==> flow/design.v <==
module cpu_add_core (clk_i, i_rst, opa, opb, c0, res, cout);
  parameter integer WD = 96;
  input clk_i;
  input i_rst;
  input [WD-1:0] opa;
  input [WD-1:0] opb;
  input c0;
  output [WD-1:0] res;
  output cout;
  localparam NG = WD / 4;
  wire [WD-1:0] val;
  wire [NG:0] c;
  assign c[0] = c0;
  genvar i;
  generate
    for (i = 0; i < NG; i = i + 1) begin : blk
      la4 inst (.a(opa[4*i +: 4]), .b(opb[4*i +: 4]), .ci(c[i]), .s(val[4*i +: 4]), .co(c[i+1]));
    end
  endgenerate
  reg [WD-1:0] r_res;
  always @(posedge clk_i) begin
    if (i_rst) begin
      r_res <= 0;
    end else begin
      r_res <= val;
    end
  end
  assign res = r_res;
  reg r_cout;
  always @(posedge clk_i) begin
    if (i_rst) begin
      r_cout <= 1'b0;
    end else begin
      r_cout <= c[NG];
    end
  end
  assign cout = r_cout;
endmodule
module la4 (
  input wire [3:0] a,
  input wire [3:0] b,
  input wire ci,
  output wire [3:0] s,
  output wire co
);
  wire [3:0] g = a & b;
  wire [3:0] p = a ^ b;
  wire c1 = g[0] | (p[0] & ci);
  wire c2 = g[1] | (p[1] & g[0]) | (p[1] & p[0] & ci);
  wire c3 = g[2] | (p[2] & g[1]) | (p[2] & p[1] & g[0]) | (p[2] & p[1] & p[0] & ci);
  assign co = g[3] | (p[3] & g[2]) | (p[3] & p[2] & g[1]) | (p[3] & p[2] & p[1] & g[0]) | (&p & ci);
  assign s = p ^ {c3, c2, c1, ci};
endmodule
* Tool chain data of cpu_add_core
Tool output for the design above, in the order of the flow.
Line numbers count from 1 in the design file above.
Library cell names are shortened.
Not given: --
- Top :: cpu_add_core
- Clock input :: clk_i
- Cell library :: sky130hd
- Library corner :: tt_025C_1v80

* Word level
Yosys after proc, flatten, opt, wreduce and memory -nomap, before mapping. Enables and synchronous resets that opt folds into registers are not counted as muxes. Memory bits, and registers merged into a memory's read port (data or address), are not among the register bits. Print and check cells are not counted. Equal cells are merged and count once.
- Register bits after elaboration :: 97
- Input bits :: 195
- Output and inout port bits :: 97
- Elaborated cells :: 698
- Bitwise logic cells :: 672
- Reduce/logical cells :: 24
** Operators by type and width (count)
- 1-bit AND :: 360
- 1-bit bitwise OR :: 240
- 4-bit bitwise XOR :: 48
- 4-bit AND :: 24
- 4-bit AND reduction :: 24

* Depth
Yosys ltp: most cells in a row. Word level: on the elaborated netlist, between registers, memories and ports. Mapped: between sequential cells and ports; inverters and the memories' decode and read muxes count.
- Depth after elaboration :: 53
- ABC_AREA :: 0
- Mapped depth :: 14
- Gate-level depth less buffers :: 14

* Netlist
The flow's flattened synthesis, as Yosys stat reports it; memories are mapped. The netlist is that of the ABC_AREA named above (0 if unset); the other value can give another one.
- Mapped cells :: 717
- Chip area (Yosys) :: 0.0065338 mm^2
- Sequential area :: 0.0019419 mm^2
- Flip-flop cells :: 97
- Buffers :: 11
** Cell types
- dfxtp_1 :: count 97, total area 1.94E+03 um^2
- ha_1 :: count 96, total area 1.2E+03 um^2
- fa_1 :: count 24, total area 480.461 um^2
- xnor2_1 :: count 44, total area 385.37 um^2
- nor2_1 :: count 86, total area 322.81 um^2
- a21oi_1 :: count 59, total area 295.283 um^2
- a21o_1 :: count 25, total area 187.68 um^2
- nor2b_1 :: count 26, total area 162.656 um^2
- o21ai_0 :: count 31, total area 155.149 um^2
- xor2_1 :: count 17, total area 148.893 um^2
- nand2_1 :: count 36, total area 135.13 um^2
- inv_1 :: count 28, total area 105.101 um^2
- nor3_1 :: count 18, total area 90.086 um^2
- o21a_1 :: count 12, total area 90.086 um^2
- nand4_1 :: count 11, total area 68.816 um^2
- nand3_1 :: count 12, total area 60.058 um^2
- o21bai_1 :: count 7, total area 52.55 um^2
- nand2b_1 :: count 6, total area 37.536 um^2
Other cell types: 37; their cells: 82.
By module: a second synthesis without flattening, with its own total; a netlist apart from the flattened one above.
- Cell total of the unflattened synthesis :: 612
- Area (unflattened synthesis) :: 0.0061522 mm^2
Each row is one instance without its submodules.
** By module
- la4 :: times used 24, cells 17, area 0.0001476 mm^2, seq. area 0 mm^2
- cpu_add_core :: times used 1, cells 204, area 0.0026088 mm^2, seq. area 0.0019419 mm^2

* Worst setup path after synthesis
Source: OpenSTA report_checks on the synthesized netlist (no wires, ideal clock, input and output delay 20% of the period each), path of least setup slack; recovery checks are left aside. Register names are those of the netlist, which keeps one name where synthesis merged equal registers.
- Kind :: in2reg
- Start point :: input port opa[13]
- End point :: register r_res[41]
- Period :: 4580 ps
- Input delay :: 916 ps
- Library setup time :: 128 ps
- Time at the first pin :: 916 ps
- Arrival :: 3721 ps
- Data required time :: 4452 ps
- Path slack :: 731 ps
- Delay of the path :: 2933 ps
- Driving pins on the path :: 14
- Buffers on the path :: 0
- Synthesis period reached :: 3849 ps
"delay of the path" = arrival - input delay + setup time.
"driving pins on the path" counts driving pins, that of a launching flip-flop among them; a cell with two outputs on the path counts twice.
"synthesis period reached" = period - worst setup slack (recovery checks aside). The figure is calculated, with input and output delays left at 20% of the set period.
Between the ends stands the longest chain of elaborated cells between them, by number of cells; it is not shown to be the way that was timed. Of several equally long chains one is given.
Each line given opens the expression or statement behind the cell; cells for indexed reads and writes are added by Yosys, which also makes memories of some case tables.
- Cells stage by stage :: ha_1 a21o_1 a31oi_1 o21ai_0 a221o_1 o21bai_2 nand2_1 a21o_1 a31o_2 a21o_1 a21o_1 fa_1 xnor2_1 nor2_1
- Length of the longest elaborated chain :: 20
- Elaborated cells between the ends (all ways) :: 25
- Source lines of those cells :: 5
- Those cells by class :: 24 x logic; 1 x reduce/logical
** Ends and longest elaborated chain, post-synthesis
- from (decl) :: RTL line 5 : input [WD-1:0] opa;
- 4-bit AND :: RTL line 46 : wire [3:0] g = a & b;
- 1-bit AND :: RTL line 51 : assign co = g[3] | (p[3] & g[2]) | (p[3] & p[2] & g[1]) | (p[3] & p[2] & p[1] & g[0]) | (&p & ci);
- 1-bit bitwise OR x3 :: RTL line 51
- 1-bit AND :: RTL line 51
- 1-bit bitwise OR :: RTL line 51
- 1-bit AND :: RTL line 51
- 1-bit bitwise OR :: RTL line 51
- (+4 left out)
- 1-bit AND :: RTL line 51
- 1-bit bitwise OR :: RTL line 51
- 1-bit AND :: RTL line 51
- 1-bit bitwise OR :: RTL line 51
- 1-bit AND :: RTL line 48 : wire c1 = g[0] | (p[0] & ci);
- 1-bit bitwise OR :: RTL line 48
- 4-bit bitwise XOR :: RTL line 52 : assign s = p ^ {c3, c2, c1, ci};
- to (assign) :: RTL line 23 : r_res <= 0;
- to (assign) :: RTL line 25 : r_res <= val;
- to (decl) :: RTL line 20 : reg [WD-1:0] r_res;

* Path in the finished layout
From the final timing report of run B: the path of least setup slack in the routed layout; clock arrival at registers is part of the times.
The report prints the path's times to 10 ps; the period is as set.
- Kind :: in2reg
- Start point :: input port opa[13]
- End point :: register r_res[41]
- Period :: 4580 ps
- Input delay :: 920 ps
- Library setup time :: 140 ps
- Time at the first pin :: 920 ps
- Arrival :: 4410 ps
- Data required time :: 4790 ps
- Path slack :: 380 ps
- Driving pins on the path :: 15
- Buffers on the path :: 1
Between the ends stands the longest chain of elaborated cells between them, by number of cells; it is not shown to be the way that was timed. Of several equally long chains one is given.
- Cells stage by stage :: clkdlybuf4s50_1 ha_1 a21o_1 a31oi_1 o21ai_0 a221o_1 o21bai_2 nand2_1 a21o_1 a31o_2 a21o_1 a21o_1 fa_1 xnor2_1 nor2_1
- Length of the longest elaborated chain :: 20
- Elaborated cells between the ends (all ways) :: 25
- Source lines of those cells :: 5
- Those cells by class :: 24 x logic; 1 x reduce/logical
** Ends and longest elaborated chain, post-layout
- from (decl) :: RTL line 5 : input [WD-1:0] opa;
- 4-bit AND :: RTL line 46 : wire [3:0] g = a & b;
- 1-bit AND :: RTL line 51 : assign co = g[3] | (p[3] & g[2]) | (p[3] & p[2] & g[1]) | (p[3] & p[2] & p[1] & g[0]) | (&p & ci);
- 1-bit bitwise OR x3 :: RTL line 51
- 1-bit AND :: RTL line 51
- 1-bit bitwise OR :: RTL line 51
- 1-bit AND :: RTL line 51
- 1-bit bitwise OR :: RTL line 51
- (+4 left out)
- 1-bit AND :: RTL line 51
- 1-bit bitwise OR :: RTL line 51
- 1-bit AND :: RTL line 51
- 1-bit bitwise OR :: RTL line 51
- 1-bit AND :: RTL line 48 : wire c1 = g[0] | (p[0] & ci);
- 1-bit bitwise OR :: RTL line 48
- 4-bit bitwise XOR :: RTL line 52 : assign s = p ^ {c3, c2, c1, ci};
- to (assign) :: RTL line 23 : r_res <= 0;
- to (assign) :: RTL line 25 : r_res <= val;
- to (decl) :: RTL line 20 : reg [WD-1:0] r_res;

Memo
Re: implementation data of cpu_add_core

Design cpu_add_core on sky130hd. What follows are 3 stored runs of the flow, each under its own settings; their order means nothing. The constraints put input and output delay at 20% of the set period each and load the outputs with 0.01 pF.
"clock period reached" = clock period - worst setup slack. The figure is calculated, with input and output delays left at 20% of the set period.
By "critical setup path time" is meant the share of the clock period that the worst setup path is allowed (20% is reserved at inputs, 20% at outputs), minus its slack. Clock arrival times at its registers enter into it.
"critical setup path time" is given in steps of 10 ps.

** Run A
- Settings :: period_ns=3.77; CORE_UTILIZATION=46; SETUP_SLACK_MARGIN=0.3; PLACE_DENSITY_LB_ADDON=0.17; CORE_MARGIN=3; CELL_PAD_IN_SITES_DETAIL_PLACEMENT=2; CTS_CLUSTER_SIZE=86; CAP_MARGIN=20; SLEW_MARGIN=20
- Outcome :: did not finish, placement stopped with a tool error

** Run B
- Settings :: period_ns=4.58; CAP_MARGIN=20; CORE_MARGIN=2; CORE_UTILIZATION=40; SLEW_MARGIN=20
- Synthesis area :: 0.0065338 mm^2
- Lowest setup slack :: 380 ps
- Clock period reached :: 4,200 ps
- Smallest hold slack :: 1,130 ps
- Standard-cell area after layout :: 0.0100484 mm^2
- Critical setup path time :: 3,280 ps
- Worst setup path type :: in2reg
- Summed negative setup slack :: 0 ps
- Full die area :: 0.0173726 mm^2

** Run C
- Settings :: period_ns=3.03; CORE_UTILIZATION=57; SETUP_SLACK_MARGIN=0.41; PLACE_DENSITY_LB_ADDON=0.13; CORE_ASPECT_RATIO=1.12; TNS_END_PERCENT=65; CAP_MARGIN=15; MIN_ROUTING_LAYER=met2; CORE_MARGIN=2; SLEW_MARGIN=20
- Outcome :: did not finish, placement stopped with DPL-0038
